==> flow/design.v <==
module mplex_stage (clk, resetn, d0_in, d1_in, d2_in, d3_in, choose_in, o_out);
  parameter DATA_W = 10;
  input clk;
  input resetn;
  input [DATA_W-1:0] d0_in;
  input [DATA_W-1:0] d1_in;
  input [DATA_W-1:0] d2_in;
  input [DATA_W-1:0] d3_in;
  input [1:0] choose_in;
  output [DATA_W-1:0] o_out;
  reg [DATA_W-1:0] d0_q;
  reg [DATA_W-1:0] d1_q;
  reg [DATA_W-1:0] d2_q;
  reg [DATA_W-1:0] d3_q;
  reg [1:0] choose_q;
  reg [DATA_W-1:0] work;
  always @* begin
    case (choose_q)
      0: work = d0_q;
      1: work = d1_q;
      2: work = d2_q;
      default: work = d3_q;
    endcase
  end
  assign o_out = work;
  always @(posedge clk) begin
    if (~resetn) begin
      d0_q <= 0;
      d1_q <= 0;
      d2_q <= 0;
      d3_q <= 0;
      choose_q <= 0;
    end else begin
      d0_q <= d0_in;
      d1_q <= d1_in;
      d2_q <= d2_in;
      d3_q <= d3_in;
      choose_q <= choose_in;
    end
  end
endmodule
Memo
Re: synthesis data of mplex_stage

### Reports on mplex_stage

Tool output for the members of one design family, told apart by "inputs", in the order of the flow.
The RTL above is that of inputs = 4; lines are counted from 1 in the file of the member named.
Operators carry their Yosys type and port widths (W data, S select, Z words).
Cell names lack the library's common part.
The mark -- stands for no value.

| set-up | value |
|---|---|
| top | mplex_stage |
| clock | clk |
| library | sky130hd |
| library corner | tt_025C_1v80 |

### Source of the members

New or changed lines of each further member against the RTL above, in its own file; lines it lacks are not shown.

New or changed lines:

| inputs | line | source |
|---|---|---|
| 5 | 1 | `module mplex_stage (clk, resetn, d0_in, d1_in, d2_in, d3_in, d4_in, choose_in, o_out);` |
| 5 | 9 | `input [DATA_W-1:0] d4_in;` |
| 5 | 10 | `input [2:0] choose_in;` |
| 5 | 16 | `reg [DATA_W-1:0] d4_q;` |
| 5 | 17 | `reg [2:0] choose_q;` |
| 5 | 24 | `3: work = d3_q;` |
| 5 | 25 | `default: work = d4_q;` |
| 5 | 35 | `d4_q <= 0;` |
| 5 | 42 | `d4_q <= d4_in;` |
| 6 | 1 | `module mplex_stage (clk, resetn, d0_in, d1_in, d2_in, d3_in, d4_in, d5_in, choose_in, o_out);` |
| 6 | 9 | `input [DATA_W-1:0] d4_in;` |
| 6 | 10 | `input [DATA_W-1:0] d5_in;` |
| 6 | 11 | `input [2:0] choose_in;` |
| 6 | 17 | `reg [DATA_W-1:0] d4_q;` |
| 6 | 18 | `reg [DATA_W-1:0] d5_q;` |
| 6 | 19 | `reg [2:0] choose_q;` |
| 6 | 26 | `3: work = d3_q;` |
| 6 | 27 | `4: work = d4_q;` |
| 6 | 28 | `default: work = d5_q;` |
| 6 | 38 | `d4_q <= 0;` |
| 6 | 39 | `d5_q <= 0;` |
| 6 | 46 | `d4_q <= d4_in;` |
| 6 | 47 | `d5_q <= d5_in;` |
| 7 | 1 | `module mplex_stage (clk, resetn, d0_in, d1_in, d2_in, d3_in, d4_in, d5_in, d6_in, choose_in, o_out);` |
| 7 | 9 | `input [DATA_W-1:0] d4_in;` |
| 7 | 10 | `input [DATA_W-1:0] d5_in;` |
| 7 | 11 | `input [DATA_W-1:0] d6_in;` |
| 7 | 12 | `input [2:0] choose_in;` |
| 7 | 18 | `reg [DATA_W-1:0] d4_q;` |
| 7 | 19 | `reg [DATA_W-1:0] d5_q;` |
| 7 | 20 | `reg [DATA_W-1:0] d6_q;` |
| 7 | 21 | `reg [2:0] choose_q;` |
| 7 | 28 | `3: work = d3_q;` |
| 7 | 29 | `4: work = d4_q;` |
| 7 | 30 | `5: work = d5_q;` |
| 7 | 31 | `default: work = d6_q;` |
| 7 | 41 | `d4_q <= 0;` |
| 7 | 42 | `d5_q <= 0;` |
| 7 | 43 | `d6_q <= 0;` |
| 7 | 50 | `d4_q <= d4_in;` |
| 7 | 51 | `d5_q <= d5_in;` |
| 7 | 52 | `d6_q <= d6_in;` |
| 8 | 1 | `module mplex_stage (clk, resetn, d0_in, d1_in, d2_in, d3_in, d4_in, d5_in, d6_in, d7_in, choose_in, o_out);` |
| 8 | 9 | `input [DATA_W-1:0] d4_in;` |
| 8 | 10 | `input [DATA_W-1:0] d5_in;` |
| 8 | 11 | `input [DATA_W-1:0] d6_in;` |
| 8 | 12 | `input [DATA_W-1:0] d7_in;` |
| 8 | 13 | `input [2:0] choose_in;` |
| 8 | 19 | `reg [DATA_W-1:0] d4_q;` |
| 8 | 20 | `reg [DATA_W-1:0] d5_q;` |
| 8 | 21 | `reg [DATA_W-1:0] d6_q;` |
| 8 | 22 | `reg [DATA_W-1:0] d7_q;` |
| 8 | 23 | `reg [2:0] choose_q;` |
| 8 | 30 | `3: work = d3_q;` |
| 8 | 31 | `4: work = d4_q;` |
| 8 | 32 | `5: work = d5_q;` |
| 8 | 33 | `6: work = d6_q;` |
| 8 | 34 | `default: work = d7_q;` |
| 8 | 44 | `d4_q <= 0;` |
| 8 | 45 | `d5_q <= 0;` |
| 8 | 46 | `d6_q <= 0;` |
| 8 | 47 | `d7_q <= 0;` |
| 8 | 54 | `d4_q <= d4_in;` |
| 8 | 55 | `d5_q <= d5_in;` |
| 8 | 56 | `d6_q <= d6_in;` |
| 8 | 57 | `d7_q <= d7_in;` |
| 10 | 1 | `module mplex_stage (clk, resetn, d0_in, d1_in, d2_in, d3_in, d4_in, d5_in, d6_in, d7_in, d8_in, d9_in, choose_in, o_out);` |
| 10 | 9 | `input [DATA_W-1:0] d4_in;` |
| 10 | 10 | `input [DATA_W-1:0] d5_in;` |
| 10 | 11 | `input [DATA_W-1:0] d6_in;` |
| 10 | 12 | `input [DATA_W-1:0] d7_in;` |
| 10 | 13 | `input [DATA_W-1:0] d8_in;` |
| 10 | 14 | `input [DATA_W-1:0] d9_in;` |
| 10 | 15 | `input [3:0] choose_in;` |
| 10 | 21 | `reg [DATA_W-1:0] d4_q;` |
| 10 | 22 | `reg [DATA_W-1:0] d5_q;` |
| 10 | 23 | `reg [DATA_W-1:0] d6_q;` |
| 10 | 24 | `reg [DATA_W-1:0] d7_q;` |
| 10 | 25 | `reg [DATA_W-1:0] d8_q;` |
| 10 | 26 | `reg [DATA_W-1:0] d9_q;` |
| 10 | 27 | `reg [3:0] choose_q;` |
| 10 | 34 | `3: work = d3_q;` |
| 10 | 35 | `4: work = d4_q;` |
| 10 | 36 | `5: work = d5_q;` |
| 10 | 37 | `6: work = d6_q;` |
| 10 | 38 | `7: work = d7_q;` |
| 10 | 39 | `8: work = d8_q;` |
| 10 | 40 | `default: work = d9_q;` |
| 10 | 50 | `d4_q <= 0;` |
| 10 | 51 | `d5_q <= 0;` |
| 10 | 52 | `d6_q <= 0;` |
| 10 | 53 | `d7_q <= 0;` |
| 10 | 54 | `d8_q <= 0;` |
| 10 | 55 | `d9_q <= 0;` |
| 10 | 62 | `d4_q <= d4_in;` |
| 10 | 63 | `d5_q <= d5_in;` |
| 10 | 64 | `d6_q <= d6_in;` |
| 10 | 65 | `d7_q <= d7_in;` |
| 10 | 66 | `d8_q <= d8_in;` |
| 10 | 67 | `d9_q <= d9_in;` |
| 12 | 1 | `module mplex_stage (clk, resetn, d0_in, d1_in, d2_in, d3_in, d4_in, d5_in, d6_in, d7_in, d8_in, d9_in, d10_in, d11_in, choose_in, o_out);` |
| 12 | 9 | `input [DATA_W-1:0] d4_in;` |
| 12 | 10 | `input [DATA_W-1:0] d5_in;` |
| 12 | 11 | `input [DATA_W-1:0] d6_in;` |
| 12 | 12 | `input [DATA_W-1:0] d7_in;` |
| 12 | 13 | `input [DATA_W-1:0] d8_in;` |
| 12 | 14 | `input [DATA_W-1:0] d9_in;` |
| 12 | 15 | `input [DATA_W-1:0] d10_in;` |
| 12 | 16 | `input [DATA_W-1:0] d11_in;` |
| 12 | 17 | `input [3:0] choose_in;` |
| 12 | 23 | `reg [DATA_W-1:0] d4_q;` |
| 12 | 24 | `reg [DATA_W-1:0] d5_q;` |
| 12 | 25 | `reg [DATA_W-1:0] d6_q;` |
| 12 | 26 | `reg [DATA_W-1:0] d7_q;` |
| 12 | 27 | `reg [DATA_W-1:0] d8_q;` |
| 12 | 28 | `reg [DATA_W-1:0] d9_q;` |
| 12 | 29 | `reg [DATA_W-1:0] d10_q;` |
| 12 | 30 | `reg [DATA_W-1:0] d11_q;` |
| 12 | 31 | `reg [3:0] choose_q;` |
| 12 | 38 | `3: work = d3_q;` |
| 12 | 39 | `4: work = d4_q;` |
| 12 | 40 | `5: work = d5_q;` |
| 12 | 41 | `6: work = d6_q;` |
| 12 | 42 | `7: work = d7_q;` |
| 12 | 43 | `8: work = d8_q;` |
| 12 | 44 | `9: work = d9_q;` |
| 12 | 45 | `10: work = d10_q;` |
| 12 | 46 | `default: work = d11_q;` |
| 12 | 56 | `d4_q <= 0;` |
| 12 | 57 | `d5_q <= 0;` |
| 12 | 58 | `d6_q <= 0;` |
| 12 | 59 | `d7_q <= 0;` |
| 12 | 60 | `d8_q <= 0;` |
| 12 | 61 | `d9_q <= 0;` |
| 12 | 62 | `d10_q <= 0;` |
| 12 | 63 | `d11_q <= 0;` |
| 12 | 70 | `d4_q <= d4_in;` |
| 12 | 71 | `d5_q <= d5_in;` |
| 12 | 72 | `d6_q <= d6_in;` |
| 12 | 73 | `d7_q <= d7_in;` |
| 12 | 74 | `d8_q <= d8_in;` |
| 12 | 75 | `d9_q <= d9_in;` |
| 12 | 76 | `d10_q <= d10_in;` |
| 12 | 77 | `d11_q <= d11_in;` |
| 20 | 1 | `module mplex_stage (clk, resetn, d0_in, d1_in, d2_in, d3_in, d4_in, d5_in, d6_in, d7_in, d8_in, d9_in, d10_in, d11_in, d12_in, d13_in, d14_in, d15_in, d16_in, d17_in, d18_in, d19_in, choose_in, o_out);` |
| 20 | 9 | `input [DATA_W-1:0] d4_in;` |
| 20 | 10 | `input [DATA_W-1:0] d5_in;` |
| 20 | 11 | `input [DATA_W-1:0] d6_in;` |
| 20 | 12 | `input [DATA_W-1:0] d7_in;` |
| 20 | 13 | `input [DATA_W-1:0] d8_in;` |
| 20 | 14 | `input [DATA_W-1:0] d9_in;` |
| 20 | 15 | `input [DATA_W-1:0] d10_in;` |
| 20 | 16 | `input [DATA_W-1:0] d11_in;` |
| 20 | 17 | `input [DATA_W-1:0] d12_in;` |
| 20 | 18 | `input [DATA_W-1:0] d13_in;` |
| 20 | 19 | `input [DATA_W-1:0] d14_in;` |
| 20 | 20 | `input [DATA_W-1:0] d15_in;` |
| 20 | 21 | `input [DATA_W-1:0] d16_in;` |
| 20 | 22 | `input [DATA_W-1:0] d17_in;` |
| 20 | 23 | `input [DATA_W-1:0] d18_in;` |
| 20 | 24 | `input [DATA_W-1:0] d19_in;` |
| 20 | 25 | `input [4:0] choose_in;` |
| 20 | 31 | `reg [DATA_W-1:0] d4_q;` |
| 20 | 32 | `reg [DATA_W-1:0] d5_q;` |
| 20 | 33 | `reg [DATA_W-1:0] d6_q;` |
| 20 | 34 | `reg [DATA_W-1:0] d7_q;` |
| 20 | 35 | `reg [DATA_W-1:0] d8_q;` |
| 20 | 36 | `reg [DATA_W-1:0] d9_q;` |
| 20 | 37 | `reg [DATA_W-1:0] d10_q;` |
| 20 | 38 | `reg [DATA_W-1:0] d11_q;` |
| 20 | 39 | `reg [DATA_W-1:0] d12_q;` |
| 20 | 40 | `reg [DATA_W-1:0] d13_q;` |
| 20 | 41 | `reg [DATA_W-1:0] d14_q;` |
| 20 | 42 | `reg [DATA_W-1:0] d15_q;` |
| 20 | 43 | `reg [DATA_W-1:0] d16_q;` |
| 20 | 44 | `reg [DATA_W-1:0] d17_q;` |
| 20 | 45 | `reg [DATA_W-1:0] d18_q;` |
| 20 | 46 | `reg [DATA_W-1:0] d19_q;` |
| 20 | 47 | `reg [4:0] choose_q;` |
| 20 | 54 | `3: work = d3_q;` |
| 20 | 55 | `4: work = d4_q;` |
| 20 | 56 | `5: work = d5_q;` |
| 20 | 57 | `6: work = d6_q;` |
| 20 | 58 | `7: work = d7_q;` |
| 20 | 59 | `8: work = d8_q;` |
| 20 | 60 | `9: work = d9_q;` |
| 20 | 61 | `10: work = d10_q;` |
| 20 | 62 | `11: work = d11_q;` |
| 20 | 63 | `12: work = d12_q;` |
| 20 | 64 | `13: work = d13_q;` |
| 20 | 65 | `14: work = d14_q;` |
| 20 | 66 | `15: work = d15_q;` |
| 20 | 67 | `16: work = d16_q;` |
| 20 | 68 | `17: work = d17_q;` |
| 20 | 69 | `18: work = d18_q;` |
| 20 | 70 | `default: work = d19_q;` |
| 20 | 80 | `d4_q <= 0;` |
| 20 | 81 | `d5_q <= 0;` |
| 20 | 82 | `d6_q <= 0;` |
| 20 | 83 | `d7_q <= 0;` |
| 20 | 84 | `d8_q <= 0;` |
| 20 | 85 | `d9_q <= 0;` |
| 20 | 86 | `d10_q <= 0;` |
| 20 | 87 | `d11_q <= 0;` |
| 20 | 88 | `d12_q <= 0;` |
| 20 | 89 | `d13_q <= 0;` |
| 20 | 90 | `d14_q <= 0;` |
| 20 | 91 | `d15_q <= 0;` |
| 20 | 92 | `d16_q <= 0;` |
| 20 | 93 | `d17_q <= 0;` |
| 20 | 94 | `d18_q <= 0;` |
| 20 | 95 | `d19_q <= 0;` |
| 20 | 102 | `d4_q <= d4_in;` |
| 20 | 103 | `d5_q <= d5_in;` |
| 20 | 104 | `d6_q <= d6_in;` |
| 20 | 105 | `d7_q <= d7_in;` |
| 20 | 106 | `d8_q <= d8_in;` |
| 20 | 107 | `d9_q <= d9_in;` |
| 20 | 108 | `d10_q <= d10_in;` |
| 20 | 109 | `d11_q <= d11_in;` |
| 20 | 110 | `d12_q <= d12_in;` |
| 20 | 111 | `d13_q <= d13_in;` |
| 20 | 112 | `d14_q <= d14_in;` |
| 20 | 113 | `d15_q <= d15_in;` |
| 20 | 114 | `d16_q <= d16_in;` |
| 20 | 115 | `d17_q <= d17_in;` |
| 20 | 116 | `d18_q <= d18_in;` |
| 20 | 117 | `d19_q <= d19_in;` |

### Elaborated design

Counts by Yosys on the flattened word-level netlist (proc, flatten, opt, wreduce; memories kept). Register bits leave out memories and registers merged into their read ports (data or address); mux counts leave out enables and synchronous resets folded into registers. Print and check cells are left out. Cells with the same type and inputs are merged into one.

Word-level totals:

| inputs | register bits after elaboration | input port bits | output and inout port bits | word-level cells |
|---|---|---|---|---|
| 4 | 42 | 44 | 10 | 9 |
| 5 | 53 | 55 | 10 | 11 |
| 6 | 63 | 65 | 10 | 13 |
| 7 | 73 | 75 | 10 | 15 |
| 8 | 83 | 85 | 10 | 17 |
| 10 | 104 | 106 | 10 | 21 |
| 12 | 124 | 126 | 10 | 25 |
| 20 | 205 | 207 | 10 | 41 |

Cells by class:

| inputs | equal/unequal tests | muxes and demuxes | reductions and logical operators |
|---|---|---|---|
| 4 | 2 | 1 | 1 |
| 5 | 3 | 1 | 1 |
| 6 | 4 | 1 | 1 |
| 7 | 5 | 1 | 1 |
| 8 | 6 | 1 | 1 |
| 10 | 8 | 1 | 1 |
| 12 | 10 | 1 | 1 |
| 20 | 18 | 1 | 1 |

Operator list:

| inputs | kind and count |
|---|---|
| 4 | 1 x $pmux W10 S3; 1 x $eq A2 B1 Y1 const B; 1 x $eq A2 B2 Y1 const B; 1 x $logic_not A2 Y1 |
| 5 | 1 x $pmux W10 S4; 2 x $eq A3 B2 Y1 const B; 1 x $eq A3 B1 Y1 const B; 1 x $logic_not A3 Y1 |
| 6 | 1 x $pmux W10 S5; 2 x $eq A3 B2 Y1 const B; 1 x $eq A3 B1 Y1 const B; 1 x $eq A3 B3 Y1 const B; 1 x $logic_not A3 Y1 |
| 7 | 1 x $pmux W10 S6; 2 x $eq A3 B2 Y1 const B; 2 x $eq A3 B3 Y1 const B; 1 x $eq A3 B1 Y1 const B; 1 x $logic_not A3 Y1 |
| 8 | 1 x $pmux W10 S7; 3 x $eq A3 B3 Y1 const B; 2 x $eq A3 B2 Y1 const B; 1 x $eq A3 B1 Y1 const B; 1 x $logic_not A3 Y1 |
| 10 | 1 x $pmux W10 S9; 4 x $eq A4 B3 Y1 const B; 2 x $eq A4 B2 Y1 const B; 1 x $eq A4 B1 Y1 const B; 1 x $eq A4 B4 Y1 const B; 1 x $logic_not A4 Y1 |
| 12 | 1 x $pmux W10 S11; 4 x $eq A4 B3 Y1 const B; 3 x $eq A4 B4 Y1 const B; 2 x $eq A4 B2 Y1 const B; 1 x $eq A4 B1 Y1 const B; 1 x $logic_not A4 Y1 |
| 20 | 1 x $pmux W10 S19; 8 x $eq A5 B4 Y1 const B; 4 x $eq A5 B3 Y1 const B; 3 x $eq A5 B5 Y1 const B; 2 x $eq A5 B2 Y1 const B; 1 x $eq A5 B1 Y1 const B; 1 x $logic_not A5 Y1 |

### Logic depth

Yosys ltp: most cells in a row. Word level: on the elaborated netlist, between registers, memories and ports. Mapped: between sequential cells and ports; inverters and the memories' decode and read muxes count.

Logic depth:

| inputs | word-level depth | ABC_AREA | mapped depth | mapped depth without buffers |
|---|---|---|---|---|
| 4 | 2 | 0 | 2 | 1 |
| 5 | 2 | 0 | 4 | 3 |
| 6 | 2 | 0 | 6 | 4 |
| 7 | 2 | 0 | 5 | 3 |
| 8 | 2 | 0 | 6 | 4 |
| 10 | 2 | 0 | 7 | 4 |
| 12 | 2 | 0 | 7 | 4 |
| 20 | 2 | 0 | 8 | 5 |

### Mapped cells and area

The flow's flattened synthesis, as Yosys stat reports it; memories are mapped. The netlist is that of the ABC_AREA named above (0 if unset); the other value can give another one.

Synthesis totals:

| inputs | mapped cells | synthesis area (mm2) | sequential area (mm2) | flip-flops | buffers |
|---|---|---|---|---|---|
| 4 | 100 | 0.0013601 | 0.0008408 | 42 | 6 |
| 5 | 168 | 0.001873 | 0.001061 | 53 | 10 |
| 6 | 213 | 0.0022722 | 0.0012612 | 63 | 15 |
| 7 | 239 | 0.0026138 | 0.0014614 | 73 | 18 |
| 8 | 266 | 0.0029528 | 0.0016616 | 83 | 20 |
| 10 | 341 | 0.0037023 | 0.002082 | 104 | 26 |
| 12 | 440 | 0.0046357 | 0.0024824 | 124 | 32 |
| 20 | 704 | 0.0073646 | 0.0041039 | 205 | 50 |

Cell types:

| inputs | type and count |
|---|---|
| 4 | 42 x dfxtp_1; 42 x and2_1; 10 x mux4_2; 4 x clkbuf_1; 1 x buf_6; 1 x clkbuf_2 |
| 5 | 53 x dfxtp_1; 53 x and2_1; 10 x mux2_4; 10 x mux2_2; 10 x o22ai_1; 10 x a21oi_1; 10 x inv_1; 2 x buf_6; 6 x clkbuf_1; 2 x buf_2; 1 x nand2b_1; 1 x or2_2 |
| 6 | 63 x dfxtp_1; 63 x and2_1; 3 x mux4_1; 7 x mux2i_1; 5 x mux2_2; 11 x a21oi_1; 9 x o21ai_0; 6 x nand2b_1; 4 x a21o_1; 8 x nor2_1; 7 x clkbuf_1; 4 x a31oi_1; 4 x nor2b_1; 2 x buf_6; 1 x mux4_2; 4 x buf_2; 2 x buf_4; 4 x nand2_1; (+6) |
| 7 | 73 x dfxtp_1; 73 x and2_1; 16 x o211ai_1; 10 x mux2_2; 10 x mux2i_1; 8 x nand3b_1; 8 x o21a_1; 8 x nand2b_1; 11 x clkbuf_1; 10 x nand2_1; 1 x mux4_1; 2 x buf_6; 1 x mux4_2; 4 x buf_2; 2 x o21ai_0; 1 x and3b_1; 1 x buf_1 |
| 8 | 83 x dfxtp_1; 83 x and2_1; 9 x a221oi_2; 19 x a21oi_1; 9 x a221oi_1; 9 x o22a_1; 9 x a22oi_1; 6 x buf_6; 3 x clkbuf_8; 9 x clkbuf_1; 9 x nand2_1; 1 x and4bb_2; 2 x nor2_2; 2 x nor2b_1; 1 x a21boi_2; 1 x mux2_2; 1 x mux2i_1; 1 x nand3_2; (+9) |
| 10 | 104 x dfxtp_1; 105 x and2_1; 16 x mux2i_1; 4 x mux4_2; 5 x mux2_2; 11 x a21oi_1; 6 x a221oi_1; 13 x clkbuf_1; 9 x buf_2; 5 x a22oi_1; 10 x nand2_1; 4 x nor3b_1; 3 x a2bb2oi_1; 3 x a32oi_1; 3 x o31a_1; 4 x and3_1; 2 x o311a_1; 2 x o2bb2ai_1; (+32) |
| 12 | 124 x dfxtp_1; 127 x and2_1; 15 x mux2i_1; 11 x a31oi_1; 9 x a22oi_1; 6 x mux2_2; 6 x o32a_1; 13 x clkbuf_1; 13 x nor2_1; 9 x buf_2; 6 x buf_4; 4 x buf_6; 6 x nand3b_1; 6 x nor2b_1; 4 x a22o_1; 6 x a21oi_1; 4 x and2b_1; 8 x nand2_1; (+63) |
| 20 | 205 x dfxtp_1; 212 x and2_1; 22 x mux2i_1; 20 x a32oi_1; 19 x a22oi_1; 28 x clkbuf_1; 16 x buf_2; 8 x a22o_1; 13 x o21ai_0; 10 x and3_1; 16 x nand2_1; 16 x nor2_1; 10 x a21oi_1; 8 x nor4_1; 5 x o32a_1; 5 x a221oi_1; 5 x and4_1; 7 x nand2b_1; (+79) |

A list marked (+n) leaves out that many cells.

### Timing after synthesis

Path of least setup slack by OpenSTA after synthesis, without wires, with an ideal clock, recovery checks aside; 20% of the period is set as input and as output delay. Where synthesis merged equal registers, the netlist keeps one of their names.

Timing path after synthesis:

| inputs | path type | from | to | period (ps) | slack (ps) | stages on the path | path delay (ps) | synthesis period reached (ps) |
|---|---|---|---|---|---|---|---|---|
| 4 | flip-flop to output port | register (no name shown) | output port o_out[0] | 1570 | 250 | 3 | 1006 | 1320 |
| 5 | flip-flop to output port | register (no name shown) | output port o_out[0] | 1600 | 255 | 5 | 1025 | 1345 |
| 6 | flip-flop to output port | register (no name shown) | output port o_out[1] | 1850 | 298 | 5 | 1182 | 1552 |
| 7 | flip-flop to output port | register (no name shown) | output port o_out[3] | 1960 | 316 | 6 | 1252 | 1644 |
| 8 | flip-flop to output port | register (no name shown) | output port o_out[0] | 1870 | 297 | 7 | 1199 | 1573 |
| 10 | flip-flop to output port | register (no name shown) | output port o_out[9] | 2130 | 340 | 6 | 1364 | 1790 |
| 12 | flip-flop to output port | register (no name shown) | output port o_out[8] | 2250 | 363 | 7 | 1437 | 1887 |
| 20 | flip-flop to output port | register (no name shown) | output port o_out[3] | 2660 | 427 | 7 | 1701 | 2233 |

"path delay" is the arrival time less input delay plus setup time.
At an output port there is no setup time.
"stages on the path" counts driving pins, that of a launching flip-flop among them; a cell with two outputs on the path counts twice.
"synthesis period reached" is the clock period less the worst setup slack; recovery checks do not enter. This is arithmetic on one report: input and output delays are still those of the set period (20% each).
Between the ends stands the longest chain of elaborated cells between them, by number of cells; it is not shown to be the way that was timed. Of several equally long chains one is given.
Each line given opens the expression or statement behind the cell; cells for indexed reads and writes are added by Yosys, which also makes memories of some case tables.

| between the ends, after synthesis, inputs = 4 | value |
|---|---|
| cells in the longest elaborated chain | 2 |

RTL lines, path after synthesis, inputs = 4:

| item | line | source |
|---|---|---|
| from (decl) | 15 |  |
| from (assign) | 32 |  |
| from (assign) | 38 |  |
| $eq A2 B2 Y1 | 18 |  |
| $pmux W10 S3 | 18 |  |
| to (decl) | 10 | `output [DATA_W-1:0] o_out;` |

| between the ends, after synthesis, inputs = 20 | value |
|---|---|
| cells in the longest elaborated chain | 2 |

RTL lines, path after synthesis, inputs = 20:

| item | line | source |
|---|---|---|
| from (decl) | 47 |  |
| from (assign) | 96 |  |
| from (assign) | 118 |  |
| $eq A5 B5 Y1 | 50 |  |
| $pmux W10 S19 | 50 |  |
| to (decl) | 26 | `output [DATA_W-1:0] o_out;` |

### Path in the finished layout

Path of least setup slack in the final report of each member's run (OpenROAD, finished layout, wires in). Where an end is a register, its clock arrival counts in the times.
The path's times are printed in steps of 10 ps; the period is the one set.

Timing path after layout:

| inputs | path type | from | to | period (ps) | slack (ps) | stages on the path | arrival time (ps) | buffers on the path |
|---|---|---|---|---|---|---|---|---|
| 4 | flip-flop to output port | register (no name shown) | output port o_out[2] | 1570 | -300 | 5 | 1560 | 3 |
| 5 | flip-flop to output port | register (no name shown) | output port o_out[1] | 1600 | -280 | 7 | 1560 | 3 |
| 6 | flip-flop to output port | register (no name shown) | output port o_out[2] | 1850 | -140 | 7 | 1620 | 3 |
| 7 | flip-flop to output port | register (no name shown) | output port o_out[2] | 1960 | -130 | 8 | 1700 | 4 |
| 8 | flip-flop to output port | register (no name shown) | output port o_out[8] | 1870 | -230 | 8 | 1730 | 3 |
| 10 | flip-flop to output port | register (no name shown) | output port o_out[0] | 2130 | -200 | 8 | 1910 | 3 |
| 12 | flip-flop to output port | register (no name shown) | output port o_out[7] | 2250 | -190 | 8 | 1990 | 3 |
| 20 | flip-flop to output port | register (no name shown) | output port o_out[4] | 2660 | -290 | 9 | 2420 | 3 |

### Flow runs

Settings and results of one run of the flow (Yosys, OpenROAD) for each member follow. The constraints put input and output delay at 20% of the set period each and load the outputs with 0.01 pF.

| flow settings | value |
|---|---|
| CAP_MARGIN | 20 |
| CORE_MARGIN | 2 |
| CORE_UTILIZATION | 40 |
| SLEW_MARGIN | 20 |

Settings that differ:

| inputs | period_ns |
|---|---|
| 4 | 1.57 |
| 5 | 1.6 |
| 6 | 1.85 |
| 7 | 1.96 |
| 8 | 1.87 |
| 10 | 2.13 |
| 12 | 2.25 |
| 20 | 2.66 |

Final reports:

| inputs | cell area after synthesis (mm2) | full die area (mm2) | standard-cell area after routing (mm2) | final design utilization (%) | lowest setup slack (ps) | summed negative setup slack (ps) | worst-case hold slack (ps) | total power after layout (mW) | period reached (ps) |
|---|---|---|---|---|---|---|---|---|---|
| 4 | 0.0013601 | 0.0038825 | 0.002077 | 62.7 | -303 | -2920 | 547 | 1.888 | 1873 |
| 5 | 0.001873 | 0.0052461 | 0.0027426 | 61.7 | -278 | -2094 | 590 | 2.551 | 1878 |
| 6 | 0.0022722 | 0.0062996 | 0.0035884 | 65.2 | -144 | -970 | 596 | 3.273 | 1994 |
| 7 | 0.0026138 | 0.007197 | 0.0038099 | 60.0 | -132 | -1017 | 532 | 3.124 | 2092 |
| 8 | 0.0029528 | 0.0080856 | 0.0045544 | 63.1 | -230 | -1941 | 572 | 3.699 | 2100 |
| 10 | 0.0037023 | 0.010041 | 0.0056504 | 62.0 | -203 | -1472 | 558 | 3.945 | 2333 |
| 12 | 0.0046357 | 0.0124668 | 0.0075272 | 66.2 | -193 | -1663 | 553 | 6.018 | 2443 |
| 20 | 0.0073646 | 0.0195133 | 0.011964 | 66.4 | -288 | -2239 | 383 | 7.077 | 2948 |

"period reached" means the clock period less the worst setup slack. The figure is calculated, with input and output delays left at 20% of the set period.
"total power after layout" is the tool's figure for a default switching activity; nothing was simulated.
